==> flow/design.v <==
module my_mpy_rtl #(
    parameter integer DATA_W = 7,
    parameter integer B_WIDTH = 4
) (
    input  wire clk,
    input  wire rst_n,
    input  wire [DATA_W-1:0] i_dataa,
    input  wire [B_WIDTH-1:0] i_datab,
    output wire [DATA_W+B_WIDTH-1:0] o_p
);
    reg [DATA_W-1:0] dataa_q;
    reg [B_WIDTH-1:0] datab_q;
    assign o_p = dataa_q * datab_q;
    always @(posedge clk or negedge rst_n) begin
        if (!rst_n) begin
            dataa_q <= 0;
            datab_q <= 0;
        end else begin
            dataa_q <= i_dataa;
            datab_q <= i_datab;
        end
    end
endmodule
-- Reports on my_mpy_rtl
Tool output for the design above, in the order of the flow.
Lines are those of the file above, counted from 1.
Operators: Yosys type, input widths -> output width; for muxes data width and select width s.
Library cell names are shortened.
The mark - stands for no value.
- top module: my_mpy_rtl
- clock port: clk
- cell library: sky130hd
- library corner: tt_025C_1v80

-- Elaborated design
Counts by Yosys on the flattened word-level netlist (proc, flatten, opt, wreduce; memories kept). Register bits leave out memories and registers merged into their read ports (data or address); mux counts leave out enables and synchronous resets folded into registers. Print and check cells are left out. Cells with the same type and inputs are merged into one.
- multiply operators: 1
- operator list (operator ; number):
    $mul 7x4->11 ; 1
- bits in registers: 11
- noted output and inout bits: 11
- noted input port bits: 13

-- Logic depth
Depth = most cells in a row (Yosys ltp): at word level without a register or memory, in the mapped netlist without a sequential cell, where the memories' decode and read muxes count.
- noted word-level depth: 1
- noted ABC_AREA: 0
- noted mapped depth: 10
- depth with buffers taken out at 10

-- Mapped cells and area
Source: synth_stat.txt of the flow (Yosys; design flattened, memories mapped). It holds for the ABC_AREA given above (unset counts as 0); a run with the other value may have another netlist.
- cell types (cell type ; number):
    dfrtp_1 ; 11
    fa_1 ; 10
    ha_1 ; 15
    and2_1 ; 19
    inv_1 ; 15
    nand2_1 ; 13
    xnor2_1 ; 3
    xor2_1 ; 3
    a21oi_1 ; 4
    o31ai_2 ; 1
    and4b_1 ; 1
    mux2i_1 ; 1
    nor3_1 ; 2
    o21ai_0 ; 2
    a21o_2 ; 1
    a21oi_2 ; 1
    a221oi_1 ; 1
    a211oi_1 ; 1
Other cell types: 5; their cells: 5.
- cells in the netlist: 109
- cell area after synthesis at 1079.8 µm²
- noted buffer cells: 0
- mapped flip-flops: 11

-- Worst setup path after synthesis
Path of least setup slack by OpenSTA after synthesis, without wires, with an ideal clock, recovery checks aside; 20% of the period is set as input and as output delay. Where synthesis merged equal registers, the netlist keeps one of their names.
- path type: register -> output
- start point: register datab_q[3]
- end point: output port o_p[8]
- launch time at the first pin: 0.000 ns
- clock period at 4.35 ns
- noted external output delay: 0.870 ns
- data required time at 3.480 ns
- delay of the path: 2.781 ns
- data arrival time at 2.781 ns
- buffers on the path: 0
- setup slack at 0.699 ns
- stages at 11
- synthesis period reached at 3.651 ns
"delay of the path" is the arrival time less input delay plus setup time.
At an output port there is no setup time.
"stages": output pins that drive a net of the path, with the launching flip-flop's if there is one; two outputs of one cell count as two.
"synthesis period reached" = period - worst setup slack (recovery checks aside). The figure is calculated, with input and output delays left at 20% of the set period.
Between the ends stands the longest chain of elaborated cells between them, by number of cells; it is not shown to be the way that was timed. Of several equally long chains one is given.
Each line given opens the expression or statement behind the cell; cells for indexed reads and writes are added by Yosys, which also makes memories of some case tables.
- cells stage by stage: dfrtp_1 -> and2_1 -> fa_1 -> inv_1 -> fa_1 -> inv_1 -> ha_1 -> a21o_2 -> a21oi_2 -> o21ai_0 -> xor2_1
- noted cells in the longest elaborated chain: 1
- elaborated cells on any way between the ends at 1
- RTL lines with such cells: 1
- classes of those cells: mul: 1
- RTL lines, path post-synthesis (item ; line ; RTL):
    start: declaration ; 12 ; reg [B_WIDTH-1:0] datab_q;
    start: assignment ; 17 ; datab_q <= 0;
    start: assignment ; 20 ; datab_q <= i_datab;
    $mul 7x4->11 ; 13 ; assign o_p = dataa_q * datab_q;
    end: declaration ; 9 ; output wire [DATA_W+B_WIDTH-1:0] o_p

-- Path in the finished layout
Path of least setup slack in the final report of entry A (OpenROAD, finished layout, wires in). Where an end is a register, its clock arrival counts in the times.
- path type: register -> output
- start point: register datab_q[3]
- end point: output port o_p[7]
- noted external output delay: 0.50 ns
- data required time at 1.99 ns
- buffers on the path: 2
- launch time at the first pin: 0.26 ns
- data arrival time at 3.03 ns
- setup slack at -1.04 ns
- clock period at 2.49 ns
- stages at 13
Between the ends stands the longest chain of elaborated cells between them, by number of cells; it is not shown to be the way that was timed. Of several equally long chains one is given.
- cells stage by stage: dfrtp_2 -> buf_4 -> and2_4 -> fa_1 -> inv_2 -> fa_1 -> inv_2 -> ha_4 -> o21ai_4 -> o21bai_1 -> a21oi_2 -> xnor2_1 -> buf_2
- noted cells in the longest elaborated chain: 1
- elaborated cells on any way between the ends at 1
- RTL lines with such cells: 1
- classes of those cells: mul: 1
- RTL lines, path after layout (item ; line ; RTL):
    start: declaration ; 12 ; reg [B_WIDTH-1:0] datab_q;
    start: assignment ; 17 ; datab_q <= 0;
    start: assignment ; 20 ; datab_q <= i_datab;
    $mul 7x4->11 ; 13 ; assign o_p = dataa_q * datab_q;
    end: declaration ; 9 ; output wire [DATA_W+B_WIDTH-1:0] o_p

Appendix: measured runs

Settings and measured results of 3 stored flow runs for module my_mpy_rtl (sky130hd), not sorted in any way. The constraints put input and output delay at 20% of the set period each and load the outputs with 0.01 pF.
By "clock period reached" is meant the clock period of the run minus its worst setup slack. This is arithmetic on one report: input and output delays are still those of the set period (20% each).
"time of the worst setup path": the worst setup path's part of the clock period (all of it between registers, 20% less for each end at a port) less its slack. A launch clock that arrives late makes it longer, a capture clock that arrives late makes it shorter.
"power consumption": no workload was simulated; the value follows from the tool's default switching activity.

Entry A
Settings were period_ns = 2.49; CORE_UTILIZATION = 42; PLACE_DENSITY_LB_ADDON = 0.2; CELL_PAD_IN_SITES_DETAIL_PLACEMENT = 0; GPL_ROUTABILITY_DRIVEN = 1; CTS_CLUSTER_DIAMETER = 273; MAX_ROUTING_LAYER = met4; CAP_MARGIN = 20; CORE_MARGIN = 2; SLEW_MARGIN = 20
- chip area after synthesis (Yosys): 1079.8 µm²
- noted the die footprint: 2992.6 µm²
- area of the standard cells in the finished layout: 1686.6 µm²
- utilization: 0.687
- worst setup slack after layout: -1.038 ns
- noted the sum of negative setup slack: -6.930 ns
- noted the power consumption: 863.8 uW
- clock period reached at 3.528 ns
- time of the worst setup path at 3.03 ns
- worst setup path kind: register -> output

Entry B
Settings were period_ns = 2.36; CORE_UTILIZATION = 26; SETUP_SLACK_MARGIN = -0.03; PLACE_DENSITY_LB_ADDON = 0.19; HOLD_SLACK_MARGIN = 0.21; CELL_PAD_IN_SITES_DETAIL_PLACEMENT = 2; TNS_END_PERCENT = 30; ABC_AREA = 1; GPL_TIMING_DRIVEN = 1; SLEW_MARGIN = 35; MIN_ROUTING_LAYER = met1; CAP_MARGIN = 20; CORE_MARGIN = 2
- chip area after synthesis (Yosys): 1156.1 µm²
- noted the die footprint: 4995.7 µm²
- area of the standard cells in the finished layout: 1781.7 µm²
- utilization: 0.412
- worst setup slack after layout: -0.918 ns
- noted the sum of negative setup slack: -6.947 ns
- noted the power consumption: 947.8 uW
- clock period reached at 3.278 ns
- time of the worst setup path at 2.81 ns
- worst setup path kind: register -> output

Entry C
Settings were period_ns = 4.35; CAP_MARGIN = 20; CORE_MARGIN = 2; CORE_UTILIZATION = 40; SLEW_MARGIN = 20
- chip area after synthesis (Yosys): 1079.8 µm²
- noted the die footprint: 3131.0 µm²
- area of the standard cells in the finished layout: 1416.4 µm²
- utilization: 0.562
- worst setup slack after layout: 0.176 ns
- noted the sum of negative setup slack: 0.000 ns
- noted the power consumption: 402.6 uW
- clock period reached at 4.174 ns
- time of the worst setup path at 3.30 ns
- worst setup path kind: register -> output
